==> flow/design.v <==
module core_times #(
    parameter BITS = 6,
    parameter NUM = 3,
    parameter RES_W = 2*BITS + $clog2(NUM)
) (
    input  wire clk_i,
    input  wire aresetn,
    input  wire ce,
    input  wire [NUM*BITS-1:0] in_a,
    input  wire [NUM*BITS-1:0] in_b,
    output reg [RES_W-1:0] out_m
);
    reg [NUM*BITS-1:0] a_s;
    always @(posedge clk_i or negedge aresetn) begin
        if (~aresetn) begin
            a_s <= 0;
        end else if (ce) begin
            a_s <= in_a;
        end
    end
    reg [NUM*BITS-1:0] b_s;
    always @(posedge clk_i or negedge aresetn) begin
        if (~aresetn) begin
            b_s <= 0;
        end else if (ce) begin
            b_s <= in_b;
        end
    end
    reg [RES_W-1:0] r;
    integer n;
    always @* begin
        r = 0;
        for (n = 0; n < NUM; n = n + 1)
            r = r + a_s[n*BITS +: BITS] * b_s[n*BITS +: BITS];
    end
    always @(posedge clk_i or negedge aresetn) begin
        if (~aresetn) begin
            out_m <= 0;
        end else if (ce) begin
            out_m <= r;
        end
    end
endmodule
### From RTL to reports: core_times

Tool output for the design above, in the order of the flow.
Line numbers count from 1 in the design file above.
Library cell names are shortened.
The mark -- stands for no value.

| inputs | value |
|---|---|
| top module | core_times |
| clock input | clk_i |
| cell library | sky130hd |
| corner | tt_025C_1v80 |

### Word-level counts

Yosys after proc, flatten, opt, wreduce and memory -nomap, before mapping. Enables and synchronous resets that opt folds into registers are not counted as muxes. Memory bits, and registers merged into a memory's read port (data or address), are not among the register bits. Print and check cells are not counted. Equal cells are merged and count once.

| word-level totals | value |
|---|---|
| bits of input ports | 39 |
| flip-flop bits (word level) | 50 |
| output and inout bits | 14 |
| elaborated cells | 8 |

| operators by class | value |
|---|---|
| $mul | 3 |
| add/sub/neg operators | 2 |

Operators with widths:

| kind | number |
|---|---|
| multiplier 6 x 6 -> 12 bit | 3 |
| adder 13 x 12 -> 14 bit | 1 |
| adder 12 x 12 -> 13 bit | 1 |

### Depth

Longest topological path by Yosys (ltp), each cell counted once; first at word level (registers and memories cut), then after technology mapping (sequential cells cut; the memories' decode and read muxes count).

| depth | value |
|---|---|
| word-level depth | 3 |
| ABC_AREA | 0 |
| gate-level depth with buffers | 18 |
| depth with buffers taken out | 17 |

### Synthesis result

The flow's flattened synthesis, as Yosys stat reports it; memories are mapped. The netlist is that of the ABC_AREA named above (0 if unset); the other value can give another one.
The area totals of this step are shown rounded.

| synthesis totals | value |
|---|---|
| mapped area | 5580 um^2 |
| buffers | 9 |
| sequential area | 1250 um^2 |
| cell count | 536 |
| flip-flops | 50 |

Cells by type:

| cell type | number | total area (um^2) |
|---|---|---|
| fa_1 | 85 | 1.7E+03 |
| dfrtp_1 | 50 | 1251.2 |
| ha_1 | 53 | 663.136 |
| mux2_2 | 42 | 472.954 |
| inv_1 | 115 | 431.664 |
| and2_1 | 57 | 356.592 |
| nand2_1 | 60 | 225.216 |
| a21oi_1 | 9 | 45.043 |
| buf_2 | 8 | 40.038 |
| o21ai_0 | 7 | 35.034 |
| a211oi_2 | 2 | 25.024 |
| a211oi_1 | 3 | 22.522 |
| nand3_1 | 4 | 20.019 |
| nor2_1 | 5 | 18.768 |
| o2bb2ai_1 | 2 | 17.517 |
| xnor2_1 | 2 | 17.517 |
| a21o_1 | 2 | 15.014 |
| o211ai_1 | 2 | 15.014 |

Not listed: further types 26, cells in them 28.

### Path before layout

Path of least setup slack by OpenSTA after synthesis, without wires, with an ideal clock, recovery checks aside; 20% of the period is set as input and as output delay. Where synthesis merged equal registers, the netlist keeps one of their names.

| path post-synthesis | value |
|---|---|
| path kind | register to register |
| from | register a_s[17] |
| to | register out_m[10] |
| path slack | 1.202 ns |
| period | 6.02 ns |
| path delay | 4.818 ns |
| data required time | 5.951 ns |
| launch time at the first pin | 0.000 ns |
| buffers on the path | 0 |
| stages on the path | 17 |
| data arrival time | 4.749 ns |
| library setup time | 0.069 ns |
| period reached after synthesis | 4.818 ns |

"path delay" = arrival - input delay + setup time.
"stages on the path": output pins that drive a net of the path, with the launching flip-flop's if there is one; two outputs of one cell count as two.
"period reached after synthesis" is the clock period less the worst setup slack; recovery checks do not enter. This is arithmetic on one report: input and output delays are still those of the set period (20% each).
The rows between start and end are the longest chain of elaborated cells between them; the timing report does not say that the signal goes this way. Where chains are equally long, one stands for them.
Each line given opens the expression or statement behind the cell; cells for indexed reads and writes are added by Yosys, which also makes memories of some case tables.

| on the way, post-synthesis | value |
|---|---|
| path through | dfrtp_1 and2_1 fa_1 inv_1 fa_1 inv_1 fa_1 fa_1 fa_1 inv_1 fa_1 inv_1 ha_1 o21ai_0 o21a_1 or3_1 nand3_1 |
| length of the longest elaborated chain | 2 |
| elaborated cells on any way between the ends | 2 |
| RTL lines with such cells | 1 |
| those cells by class | add/sub: 1; mul: 1 |

RTL lines, path post-synthesis:

| item | RTL line | RTL |
|---|---|---|
| from (decl) | 13 | `reg [NUM*BITS-1:0] a_s;` |
| from (assign) | 16 | `a_s <= 0;` |
| from (assign) | 18 | `a_s <= in_a;` |
| multiplier 6 x 6 -> 12 bit | 34 | `r = r + a_s[n*BITS +: BITS] * b_s[n*BITS +: BITS];` |
| adder 13 x 12 -> 14 bit | 34 |  |
| to (assign) | 38 | `out_m <= 0;` |
| to (assign) | 40 | `out_m <= r;` |
| to (decl) | 11 | `output reg [RES_W-1:0] out_m` |

### Worst path after layout

From the final timing report of flow run 2: the path of least setup slack in the routed layout; clock arrival at registers is part of the times.

| path after layout | value |
|---|---|
| path kind | register to register |
| from | register a_s[17] |
| to | register out_m[11] |
| buffers on the path | 0 |
| period | 6.02 ns |
| data required time | 6.22 ns |
| library setup time | 0.10 ns |
| launch time at the first pin | 0.30 ns |
| path slack | 0.88 ns |
| data arrival time | 5.35 ns |
| stages on the path | 17 |

The rows between start and end are the longest chain of elaborated cells between them; the timing report does not say that the signal goes this way. Where chains are equally long, one stands for them.

| on the way, after layout | value |
|---|---|
| path through | dfrtp_1 and2_1 fa_1 inv_1 fa_1 inv_1 fa_1 fa_1 fa_1 inv_1 fa_1 inv_1 ha_1 o211ai_1 o211ai_2 nand2_1 o311ai_1 |
| length of the longest elaborated chain | 2 |
| elaborated cells on any way between the ends | 2 |
| RTL lines with such cells | 1 |
| those cells by class | add/sub: 1; mul: 1 |

RTL lines, path after layout:

| item | RTL line | RTL |
|---|---|---|
| from (decl) | 13 | `reg [NUM*BITS-1:0] a_s;` |
| from (assign) | 16 | `a_s <= 0;` |
| from (assign) | 18 | `a_s <= in_a;` |
| multiplier 6 x 6 -> 12 bit | 34 | `r = r + a_s[n*BITS +: BITS] * b_s[n*BITS +: BITS];` |
| adder 13 x 12 -> 14 bit | 34 |  |
| to (assign) | 38 | `out_m <= 0;` |
| to (assign) | 40 | `out_m <= r;` |
| to (decl) | 11 | `output reg [RES_W-1:0] out_m` |

Memo
Re: implementation data of core_times

Stored flow runs of core_times (3 of them; Yosys, OpenROAD, sky130hd). They differ in their settings and are not a sequence. Constraints: input delay and output delay 20% of the set period each, output load 0.01 pF.
"achieved clock period" = clock period - worst setup slack. The figure is calculated, with input and output delays left at 20% of the set period.
By "allowed time less slack (worst setup path)" is meant the share of the clock period that the worst setup path is allowed (20% is reserved at inputs, 20% at outputs), minus its slack. Clock arrival times at its registers enter into it.
Values from the reports are rounded here.
Among the settings, -- means not set for that run.
Results: -- = not shown.

| run | period_ns | CORE_UTILIZATION | PLACE_DENSITY | CELL_PAD_IN_SITES_GLOBAL_PLACEMENT | CELL_PAD_IN_SITES_DETAIL_PLACEMENT | CTS_CLUSTER_DIAMETER | CAP_MARGIN | SLEW_MARGIN | CORE_MARGIN | SETUP_SLACK_MARGIN | PLACE_DENSITY_LB_ADDON | ABC_AREA | GPL_TIMING_DRIVEN | netlist area reported by Yosys (um^2) | allowed time less slack (worst setup path) (ns) | type of the worst setup path | standard-cell area of the final layout (um^2) | utilization after layout | achieved clock period (ns) | setup slack of the worst path (ns) | area of the die (um^2) | summed negative setup slack (ns) |
|---|---|---|---|---|---|---|---|---|---|---|---|---|---|---|---|---|---|---|---|---|---|---|
| flow run 1 | 5.53 | 51 | 0.57 | 0 | 2 | 345 | 30 | 25 | 2 | -- | -- | -- | -- | -- | -- | -- | -- | -- | -- | -- | -- | -- |
| flow run 2 | 6.02 | 40 | -- | -- | -- | -- | 20 | 20 | 2 | -- | -- | -- | -- | 5580 | 5.14 | register to register | 6420 | 0.466 | 5.142 | 0.878 | 14900 | 0.000 |
| flow run 3 | 3.08 | 58 | -- | -- | -- | 91 | 15 | 20 | 2 | 0.89 | 0.17 | 0 | 0 | 5580 | 5.01 | register to register | 6860 | 0.739 | 5.008 | -1.93 | 10400 | -19.0 |

Flow run 1: stopped before the end: clock tree synthesis reported DPL-0033
